==> flow/design.v <==
module core_cmp_rtl (core_clk, A_i, B_i, is_gt_o);
    parameter XLEN = 32;
    input core_clk;
    input [XLEN-1:0] A_i;
    input [XLEN-1:0] B_i;
    output is_gt_o;
    reg [XLEN-1:0] A_ff;
    reg [XLEN-1:0] B_ff;
    reg is_gt_ff;
    always @(posedge core_clk) begin
        A_ff <= A_i;
        B_ff <= B_i;
        is_gt_ff <= (A_ff > B_ff);
    end
    assign is_gt_o = is_gt_ff;
endmodule
### From RTL to reports: core_cmp_rtl

The steps from the RTL of core_cmp_rtl to its reports follow in flow order.
Lines are those of the file above, counted from 1.
Cell names lack the library's common part.
Not given: n/a

| inputs | value |
|---|---|
| design top | core_cmp_rtl |
| clock | core_clk |
| standard-cell library | sky130hd |
| corner | tt_025C_1v80 |

### Word level

Counts by Yosys on the flattened word-level netlist (proc, flatten, opt, wreduce; memories kept). Register bits leave out memories and registers merged into their read ports (data or address); mux counts leave out enables and synchronous resets folded into registers. Print and check cells are left out. Cells with the same type and inputs are merged into one.

| word-level totals | value |
|---|---|
| register bits after elaboration | 65 |
| output and inout port bits | 1 |
| cells after elaboration | 4 |

| cells by class | value |
|---|---|
| order comparisons | 1 |

Operators by type and width:

| cell | number |
|---|---|
| > comparator 32 bit | 1 |

### Depth

Yosys ltp: most cells in a row. Word level: on the elaborated netlist, between registers, memories and ports. Mapped: between sequential cells and ports; inverters and the memories' decode and read muxes count.

| depth | value |
|---|---|
| depth in word-level cells | 1 |
| ABC_AREA | 0 |
| gate-level depth with buffers | 7 |
| gate-level depth less buffers | 7 |

### After synthesis

Yosys stat after the flow's synthesis: flattened, memories mapped to cells. It holds for the ABC_AREA given above (unset counts as 0); a run with the other value may have another netlist.

| mapped netlist | value |
|---|---|
| area of sequential cells | 1301.2 µm² |
| synthesis area | 2107.0 µm² |
| mapped flip-flops | 65 |
| cells in the netlist | 177 |
| buffer cells | 0 |

Cell types:

| cell type | number | area in all (µm²) |
|---|---|---|
| dfxtp_1 | 65 | 1.3E+03 |
| ha_1 | 32 | 400.384 |
| inv_1 | 32 | 120.115 |
| a21oi_1 | 13 | 65.062 |
| nand4_1 | 5 | 31.28 |
| nand3_1 | 5 | 25.024 |
| nand2_1 | 6 | 22.522 |
| a221o_1 | 2 | 20.019 |
| and4_1 | 2 | 17.517 |
| a2111oi_2 | 1 | 15.014 |
| a21boi_0 | 2 | 15.014 |
| a21o_1 | 2 | 15.014 |
| nor2_1 | 3 | 11.261 |
| nor4bb_1 | 1 | 10.01 |
| o211ai_1 | 1 | 7.507 |
| o31ai_1 | 1 | 7.507 |
| nor2b_1 | 1 | 6.256 |
| nor4_1 | 1 | 6.256 |

Other cell types: 2; their cells: 2.

### Worst setup path after synthesis

OpenSTA on the mapped netlist: ideal clock, no wires. The path of least setup slack (recovery checks aside). Input and output delay are each 20% of the period. Register names are those of the netlist, which keeps one name where synthesis merged equal registers.

| timing path after synthesis | value |
|---|---|
| path type | reg-to-reg |
| start point | reg B_ff[17] |
| end point | reg is_gt_ff |
| data required time | 1.994 ns |
| period | 2.12 ns |
| path slack | 0.425 ns |
| delay of the path | 1.695 ns |
| arrival | 1.569 ns |
| stages on the path | 8 |
| launch time at the first pin | 0.000 ns |
| path buffers | 0 |
| synthesis period reached | 1.695 ns |

"delay of the path" = arrival - input delay + setup time.
"stages on the path": output pins that drive a net of the path, with the launching flip-flop's if there is one; two outputs of one cell count as two.
"synthesis period reached" = period - worst setup slack (recovery checks aside). The figure is calculated, with input and output delays left at 20% of the set period.
The rows between start and end are the longest chain of elaborated cells between them; the timing report does not say that the signal goes this way. Where chains are equally long, one stands for them.
Each line given opens the expression or statement behind the cell; cells for indexed reads and writes are added by Yosys, which also makes memories of some case tables.

| on the way, after synthesis | value |
|---|---|
| cells stage by stage | dfxtp_1 inv_1 ha_1 a21oi_1 o21ai_1 a221o_1 a2111oi_2 a21oi_1 |
| cells in the longest elaborated chain | 1 |
| elaborated cells on any way between the ends | 1 |
| source lines of those cells | 1 |
| classes of those cells | compare (1) |

RTL lines, path after synthesis:

| item | RTL line | source |
|---|---|---|
| start, declared | 8 | `reg [XLEN-1:0] B_ff;` |
| start, assigned | 12 | `B_ff <= B_i;` |
| > comparator 32 bit | 13 | `is_gt_ff <= (A_ff > B_ff);` |
| end, assigned | 13 |  |
| end, declared | 9 | `reg is_gt_ff;` |

### Path in the finished layout

Path of least setup slack in the final report of entry A (OpenROAD, finished layout, wires in). Where an end is a register, its clock arrival counts in the times.

| timing path after layout | value |
|---|---|
| path type | reg-to-reg |
| start point | reg B_ff[19] |
| end point | reg is_gt_ff |
| path slack | 0.11 ns |
| launch time at the first pin | 0.35 ns |
| path buffers | 0 |
| period | 1.9 ns |
| arrival | 2.02 ns |
| stages on the path | 8 |
| data required time | 2.12 ns |

The rows between start and end are the longest chain of elaborated cells between them; the timing report does not say that the signal goes this way. Where chains are equally long, one stands for them.

| on the way, after layout | value |
|---|---|
| cells stage by stage | dfxtp_2 inv_2 ha_4 a21oi_2 o21ai_1 a221o_1 a2111oi_4 a21oi_1 |
| cells in the longest elaborated chain | 1 |
| elaborated cells on any way between the ends | 1 |
| source lines of those cells | 1 |
| classes of those cells | compare (1) |

RTL lines, path after layout:

| item | RTL line | source |
|---|---|---|
| start, declared | 8 | `reg [XLEN-1:0] B_ff;` |
| start, assigned | 12 | `B_ff <= B_i;` |
| > comparator 32 bit | 13 | `is_gt_ff <= (A_ff > B_ff);` |
| end, assigned | 13 |  |
| end, declared | 9 | `reg is_gt_ff;` |

Subject: flow runs of core_cmp_rtl

Hi,

Top module core_cmp_rtl; platform sky130hd; tools Yosys and OpenROAD; 3 stored runs in no particular order. Input and output delays are each 20% of the period that was set; the output load is 0.01 pF.
"achieved period" = clock period - worst setup slack. The figure is calculated, with input and output delays left at 20% of the set period.
By "power consumption" is meant OpenSTA's value without simulated activity: inputs other than the clock are taken to toggle once in ten clock periods, and the tool carries that through the logic.

#### Entry A

| setting | value |
|---|---|
| period_ns | `1.9` |
| CORE_UTILIZATION | `56` |
| SETUP_SLACK_MARGIN | `0.27` |
| PLACE_DENSITY | `0.44` |
| CORE_ASPECT_RATIO | `0.68` |
| CELL_PAD_IN_SITES_GLOBAL_PLACEMENT | `1` |
| CTS_CLUSTER_DIAMETER | `22` |
| CAP_MARGIN | `5` |
| MAX_ROUTING_LAYER | `met5` |
| CORE_MARGIN | `2` |
| SLEW_MARGIN | `20` |

| result | value |
|---|---|
| chip area in the Yosys report | 2107.0 µm² |
| die size | 4278.2 µm² |
| utilization of the finished layout | 86.5 % |
| worst setup slack after layout | 0.109 ns |
| final setup TNS | 0.000 ns |
| worst hold slack | 0.469 ns |
| power consumption | 2776 µW |
| achieved period | 1.791 ns |

#### Entry B

| setting | value |
|---|---|
| period_ns | `2.12` |
| CAP_MARGIN | `20` |
| CORE_MARGIN | `2` |
| CORE_UTILIZATION | `40` |
| SLEW_MARGIN | `20` |

| result | value |
|---|---|
| chip area in the Yosys report | 2107.0 µm² |
| die size | 5863.7 µm² |
| utilization of the finished layout | 59.2 % |
| worst setup slack after layout | 0.325 ns |
| final setup TNS | 0.000 ns |
| worst hold slack | 0.533 ns |
| power consumption | 2498 µW |
| achieved period | 1.795 ns |

#### Entry C

| setting | value |
|---|---|
| period_ns | `1.07` |
| CORE_UTILIZATION | `23` |
| PLACE_DENSITY_LB_ADDON | `0.29` |
| CORE_MARGIN | `6` |
| TNS_END_PERCENT | `85` |
| CTS_CLUSTER_SIZE | `90` |
| CTS_CLUSTER_DIAMETER | `400` |
| CAP_MARGIN | `20` |
| SLEW_MARGIN | `25` |
| MAX_ROUTING_LAYER | `met5` |

| result | value |
|---|---|
| chip area in the Yosys report | 2107.0 µm² |
| die size | 11601.4 µm² |
| utilization of the finished layout | 36.9 % |
| worst setup slack after layout | -0.684 ns |
| final setup TNS | -0.684 ns |
| worst hold slack | 0.302 ns |
| power consumption | 5030 µW |
| achieved period | 1.754 ns |

Regards
